==> flow/design.v <==
module gen_sel_unit_v2 #(
  parameter BITS = 10
) (
  input clock,
  input rst,
  input [BITS-1:0] bus_0,
  input [BITS-1:0] bus_1,
  input [BITS-1:0] bus_2,
  input [1:0] choose,
  output [BITS-1:0] res
);
  reg [BITS-1:0] bus_0_q;
  reg [BITS-1:0] bus_1_q;
  reg [BITS-1:0] bus_2_q;
  reg [1:0] choose_q;
  wire [BITS-1:0] r;
  assign r =
    (choose_q == 2'd0) ? bus_0_q :
    (choose_q == 2'd1) ? bus_1_q :
    bus_2_q;
  reg [BITS-1:0] res_q;
  assign res = res_q;
  always @(posedge clock or posedge rst) begin
    if (rst) begin
      bus_0_q <= 0;
      bus_1_q <= 0;
      bus_2_q <= 0;
      choose_q <= 0;
      res_q <= 0;
    end else begin
      bus_0_q <= bus_0;
      bus_1_q <= bus_1;
      bus_2_q <= bus_2;
      choose_q <= choose;
      res_q <= r;
    end
  end
endmodule
; From RTL to reports: gen_sel_unit_v2
; A sweep over "inputs": the same steps for each member of the family.
; The file above is the member inputs = 3. Line numbers count from 1 in each member's own file.
; Library cell names are shortened.
; A cell with -- has no value.
[setup]
top_module = gen_sel_unit_v2
clk_port = clock
lib = sky130hd
pvt_corner = tt_025C_1v80

; Source of the members
; Lines of each other member's file that are new or changed against the file above; lines that a member lacks are not shown.
[changed_lines]
columns = inputs, line
row1 = 5, 9  ; input [BITS-1:0] bus_3,
row2 = 5, 10  ; input [BITS-1:0] bus_4,
row3 = 5, 11  ; input [2:0] choose,
row4 = 5, 17  ; reg [BITS-1:0] bus_3_q;
row5 = 5, 18  ; reg [BITS-1:0] bus_4_q;
row6 = 5, 19  ; reg [2:0] choose_q;
row7 = 5, 22  ; (choose_q == 3'd0) ? bus_0_q :
row8 = 5, 23  ; (choose_q == 3'd1) ? bus_1_q :
row9 = 5, 24  ; (choose_q == 3'd2) ? bus_2_q :
row10 = 5, 25  ; (choose_q == 3'd3) ? bus_3_q :
row11 = 5, 26  ; bus_4_q;
row12 = 5, 34  ; bus_3_q <= 0;
row13 = 5, 35  ; bus_4_q <= 0;
row14 = 5, 42  ; bus_3_q <= bus_3;
row15 = 5, 43  ; bus_4_q <= bus_4;
row16 = 8, 9  ; input [BITS-1:0] bus_3,
row17 = 8, 10  ; input [BITS-1:0] bus_4,
row18 = 8, 11  ; input [BITS-1:0] bus_5,
row19 = 8, 12  ; input [BITS-1:0] bus_6,
row20 = 8, 13  ; input [BITS-1:0] bus_7,
row21 = 8, 14  ; input [2:0] choose,
row22 = 8, 20  ; reg [BITS-1:0] bus_3_q;
row23 = 8, 21  ; reg [BITS-1:0] bus_4_q;
row24 = 8, 22  ; reg [BITS-1:0] bus_5_q;
row25 = 8, 23  ; reg [BITS-1:0] bus_6_q;
row26 = 8, 24  ; reg [BITS-1:0] bus_7_q;
row27 = 8, 25  ; reg [2:0] choose_q;
row28 = 8, 28  ; (choose_q == 3'd0) ? bus_0_q :
row29 = 8, 29  ; (choose_q == 3'd1) ? bus_1_q :
row30 = 8, 30  ; (choose_q == 3'd2) ? bus_2_q :
row31 = 8, 31  ; (choose_q == 3'd3) ? bus_3_q :
row32 = 8, 32  ; (choose_q == 3'd4) ? bus_4_q :
row33 = 8, 33  ; (choose_q == 3'd5) ? bus_5_q :
row34 = 8, 34  ; (choose_q == 3'd6) ? bus_6_q :
row35 = 8, 35  ; bus_7_q;
row36 = 8, 43  ; bus_3_q <= 0;
row37 = 8, 44  ; bus_4_q <= 0;
row38 = 8, 45  ; bus_5_q <= 0;
row39 = 8, 46  ; bus_6_q <= 0;
row40 = 8, 47  ; bus_7_q <= 0;
row41 = 8, 54  ; bus_3_q <= bus_3;
row42 = 8, 55  ; bus_4_q <= bus_4;
row43 = 8, 56  ; bus_5_q <= bus_5;
row44 = 8, 57  ; bus_6_q <= bus_6;
row45 = 8, 58  ; bus_7_q <= bus_7;
row46 = 10, 9  ; input [BITS-1:0] bus_3,
row47 = 10, 10  ; input [BITS-1:0] bus_4,
row48 = 10, 11  ; input [BITS-1:0] bus_5,
row49 = 10, 12  ; input [BITS-1:0] bus_6,
row50 = 10, 13  ; input [BITS-1:0] bus_7,
row51 = 10, 14  ; input [BITS-1:0] bus_8,
row52 = 10, 15  ; input [BITS-1:0] bus_9,
row53 = 10, 16  ; input [3:0] choose,
row54 = 10, 22  ; reg [BITS-1:0] bus_3_q;
row55 = 10, 23  ; reg [BITS-1:0] bus_4_q;
row56 = 10, 24  ; reg [BITS-1:0] bus_5_q;
row57 = 10, 25  ; reg [BITS-1:0] bus_6_q;
row58 = 10, 26  ; reg [BITS-1:0] bus_7_q;
row59 = 10, 27  ; reg [BITS-1:0] bus_8_q;
row60 = 10, 28  ; reg [BITS-1:0] bus_9_q;
row61 = 10, 29  ; reg [3:0] choose_q;
row62 = 10, 32  ; (choose_q == 4'd0) ? bus_0_q :
row63 = 10, 33  ; (choose_q == 4'd1) ? bus_1_q :
row64 = 10, 34  ; (choose_q == 4'd2) ? bus_2_q :
row65 = 10, 35  ; (choose_q == 4'd3) ? bus_3_q :
row66 = 10, 36  ; (choose_q == 4'd4) ? bus_4_q :
row67 = 10, 37  ; (choose_q == 4'd5) ? bus_5_q :
row68 = 10, 38  ; (choose_q == 4'd6) ? bus_6_q :
row69 = 10, 39  ; (choose_q == 4'd7) ? bus_7_q :
row70 = 10, 40  ; (choose_q == 4'd8) ? bus_8_q :
row71 = 10, 41  ; bus_9_q;
row72 = 10, 49  ; bus_3_q <= 0;
row73 = 10, 50  ; bus_4_q <= 0;
row74 = 10, 51  ; bus_5_q <= 0;
row75 = 10, 52  ; bus_6_q <= 0;
row76 = 10, 53  ; bus_7_q <= 0;
row77 = 10, 54  ; bus_8_q <= 0;
row78 = 10, 55  ; bus_9_q <= 0;
row79 = 10, 62  ; bus_3_q <= bus_3;
row80 = 10, 63  ; bus_4_q <= bus_4;
row81 = 10, 64  ; bus_5_q <= bus_5;
row82 = 10, 65  ; bus_6_q <= bus_6;
row83 = 10, 66  ; bus_7_q <= bus_7;
row84 = 10, 67  ; bus_8_q <= bus_8;
row85 = 10, 68  ; bus_9_q <= bus_9;

; After elaboration
; Yosys after proc, flatten, opt, wreduce and memory -nomap, before mapping. Enables and synchronous resets that opt folds into registers are not counted as muxes. Memory bits, and registers merged into a memory's read port (data or address), are not among the register bits. Print and check cells are not counted. Equal cells are merged and count once.
[word_totals]
columns = inputs, ff_bits, input_bits, word_cells
row1 = 3, 42, 34, 9
row2 = 5, 63, 55, 15
row3 = 8, 93, 85, 24
row4 = 10, 114, 106, 30
[classes]
columns = inputs, eq_ne, mux, n_reduce_logical
row1 = 3, 1, 2, 1
row2 = 5, 3, 4, 1
row3 = 8, 6, 7, 1
row4 = 10, 8, 9, 1
[ops]
columns = inputs, op_list
row1 = 3, 2 x 2-to-1 mux 10 bit; 1 x equality test 2 x 1 -> 1 bit with constant B; 1 x logical NOT 2 bit
row2 = 5, 4 x 2-to-1 mux 10 bit; 2 x equality test 3 x 2 -> 1 bit with constant B; 1 x equality test 3 x 1 -> 1 bit with constant B; 1 x logical NOT 3 bit
row3 = 8, 7 x 2-to-1 mux 10 bit; 3 x equality test 3 bit with constant B; 2 x equality test 3 x 2 -> 1 bit with constant B; 1 x equality test 3 x 1 -> 1 bit with constant B; 1 x logical NOT 3 bit
row4 = 10, 9 x 2-to-1 mux 10 bit; 4 x equality test 4 x 3 -> 1 bit with constant B; 2 x equality test 4 x 2 -> 1 bit with constant B; 1 x equality test 4 x 1 -> 1 bit with constant B; 1 x equality test 4 bit with constant B; 1 x logical NOT 4 bit

; Depth
; Longest topological path by Yosys (ltp), each cell counted once; first at word level (registers and memories cut), then after technology mapping (sequential cells cut; the memories' decode and read muxes count).
[logic_depth]
columns = inputs, ltp_word, abc_area, mapped_depth, mapped_depth_nobuf
row1 = 3, 3, 0, 3, 2
row2 = 5, 5, 0, 3, 3
row3 = 8, 8, 0, 6, 4
row4 = 10, 10, 0, 7, 5

; Netlist
; The flow's flattened synthesis, as Yosys stat reports it; memories are mapped. The netlist is that of the ABC_AREA named above (0 if unset); the other value can give another one.
; Totals and module areas in this step are rounded.
[mapped]
columns = inputs, mapped_cells, area_um2, seq_area_um2, ff_cells, buffers
row1 = 3, 76, 1267, 1051, 42, 3
row2 = 5, 111, 1946, 1577, 63, 4
row3 = 8, 201, 3204, 2327, 93, 13
row4 = 10, 328, 4085, 2853, 114, 18
[types]
columns = inputs, cell_types
row1 = 3, 42 x dfrtp_1; 10 x mux2i_1; 9 x o21ai_1; 10 x nand2_1; 1 x buf_6; 2 x buf_2; 1 x o21ai_2; 1 x inv_1
row2 = 5, 63 x dfrtp_1; 10 x mux2i_1; 10 x a32oi_1; 8 x o211ai_1; 10 x nand2_1; 2 x o211ai_2; 1 x nor3_4; 3 x buf_2; 1 x buf_6; 1 x nand2b_1; 1 x nor2_2; 1 x inv_1
row3 = 8, 93 x dfrtp_1; 6 x mux4_2; 4 x o32ai_2; 5 x mux2i_1; 4 x nor3b_2; 4 x mux2_1; 8 x buf_2; 4 x a221oi_1; 4 x a22o_1; 3 x buf_6; 4 x a21o_1; 4 x nand3b_1; 6 x o21ai_0; 4 x a31oi_1; 4 x nor2b_1; 4 x o22ai_1; 4 x a21oi_1; 4 x nor3_1; (+32)
row4 = 10, 114 x dfrtp_1; 39 x o21ai_0; 35 x a21oi_1; 13 x mux2i_1; 12 x o22ai_1; 19 x nand2_1; 14 x nor2_1; 9 x nor3_1; 5 x a221oi_1; 5 x o22a_1; 10 x inv_1; 7 x buf_2; 7 x o21ai_1; 3 x mux2_2; 7 x clkbuf_1; 4 x nor2b_1; 2 x o22ai_2; 2 x buf_6; (+21)
; A list marked (+n) leaves out that many cells.

; Path before layout
; OpenSTA on the mapped netlist: ideal clock, no wires. The path of least setup slack (recovery checks aside). Input and output delay are each 20% of the period. Register names are those of the netlist, which keeps one name where synthesis merged equal registers.
[synth_path]
columns = inputs, path_type, start, end, tclk_ps, path_slack_ps, path_stages, path_delay_ps, period_less_setup_slack_ps
row1 = 3, flip-flop to flip-flop, register (name not given), register res_q[0], 1070, 214, 4, 855, 856
row2 = 5, flip-flop to flip-flop, register (name not given), register res_q[6], 1250, 248, 4, 1003, 1002
row3 = 8, flip-flop to flip-flop, register (name not given), register res_q[4], 1730, 348, 7, 1382, 1382
row4 = 10, flip-flop to flip-flop, register (name not given), register res_q[1], 1940, 385, 7, 1555, 1555
; "path_delay_ps" is the arrival time less input delay plus setup time.
; "path_stages" counts driving pins, that of a launching flip-flop among them; a cell with two outputs on the path counts twice.
; "period_less_setup_slack_ps" is the clock period less the worst setup slack; recovery checks do not enter. This is arithmetic on one report: input and output delays are still those of the set period (20% each).
; The rows between start and end are the longest chain of elaborated cells between them; the timing report does not say that the signal goes this way. Where chains are equally long, one stands for them.
; Each line given opens the expression or statement behind the cell; cells for indexed reads and writes are added by Yosys, which also makes memories of some case tables.
[synth_via_inputs_3]
elab_chain_len = 3
[synth_lines_inputs_3]
columns = element, line
row1 = from (decl), 15
row2 = from (assign), 28
row3 = from (assign), 34
row4 = equality test 2 x 1 -> 1 bit, 19
row5 = 2-to-1 mux 10 bit, 19
row6 = 2-to-1 mux 10 bit, 18
row7 = to (assign), 29  ; res_q <= 0;
row8 = to (assign), 35  ; res_q <= r;
row9 = to (decl), 21  ; reg [BITS-1:0] res_q;
[synth_via_inputs_10]
elab_chain_len = 10
[synth_lines_inputs_10]
columns = element, line
row1 = from (decl), 29
row2 = from (assign), 56
row3 = from (assign), 69
row4 = equality test 4 bit, 40
row5 = 2-to-1 mux 10 bit, 40
row6 = 2-to-1 mux 10 bit, 39
row7 = 2-to-1 mux 10 bit, 38
row8 = 2-to-1 mux 10 bit, 37
row9 = 2-to-1 mux 10 bit, 36
row10 = 2-to-1 mux 10 bit, 35
row11 = 2-to-1 mux 10 bit, 34
row12 = 2-to-1 mux 10 bit, 33
row13 = 2-to-1 mux 10 bit, 32
row14 = to (assign), 57  ; res_q <= 0;
row15 = to (assign), 70  ; res_q <= r;
row16 = to (decl), 42  ; reg [BITS-1:0] res_q;

; Worst path after layout
; Path of least setup slack in the final report of each member's run (OpenROAD, finished layout, wires in). Where an end is a register, its clock arrival counts in the times.
; The path's times are printed in steps of 10 ps; the period is the one set.
[layout_path]
columns = inputs, path_type, start, end, tclk_ps, path_slack_ps, path_stages, arrival_time_ps, n_path_buf
row1 = 3, flip-flop to output port, register res_q[5], output res[5], 1070, 10, 2, 840, 1
row2 = 5, flip-flop to output port, register res_q[8], output res[8], 1250, 60, 2, 940, 1
row3 = 8, flip-flop to output port, register res_q[5], output res[5], 1730, 130, 2, 1250, 1
row4 = 10, flip-flop to output port, register res_q[4], output res[4], 1940, 160, 2, 1390, 1

; Measured runs
; One run of the flow (Yosys, OpenROAD) for each member, with settings and measured results. Input and output delays are each 20% of the period that was set; the output load is 0.01 pF.
[flow_settings]
CAP_MARGIN = 20
CORE_MARGIN = 2
CORE_UTILIZATION = 40
SLEW_MARGIN = 20
[settings_by_member]
columns = inputs, period_ns
row1 = 3, 1.07
row2 = 5, 1.25
row3 = 8, 1.73
row4 = 10, 1.94
[measured]
columns = inputs, synthesis_area_um2, die_footprint_um2, finish.stdcell_area_um2, finalUtil_pct, worstSetupSlack_ps, final_setup_tns_ps, fin_power_mw, clock_period_reached_ps
row1 = 3, 1267, 3635, 1817, 60.0, 11, 0, 2.965, 1059
row2 = 5, 1946, 5438, 2873, 61.2, 59, 0, 4.086, 1191
row3 = 8, 3204, 8743, 4477, 57.9, 130, 0, 4.189, 1600
row4 = 10, 4085, 11040, 6051, 61.3, 162, 0, 6.395, 1778
; "clock_period_reached_ps" = clock period - worst setup slack. The figure is calculated, with input and output delays left at 20% of the set period.
; "fin_power_mw": no workload was simulated; the value follows from the tool's default switching activity.
; Results are given in rounded form.
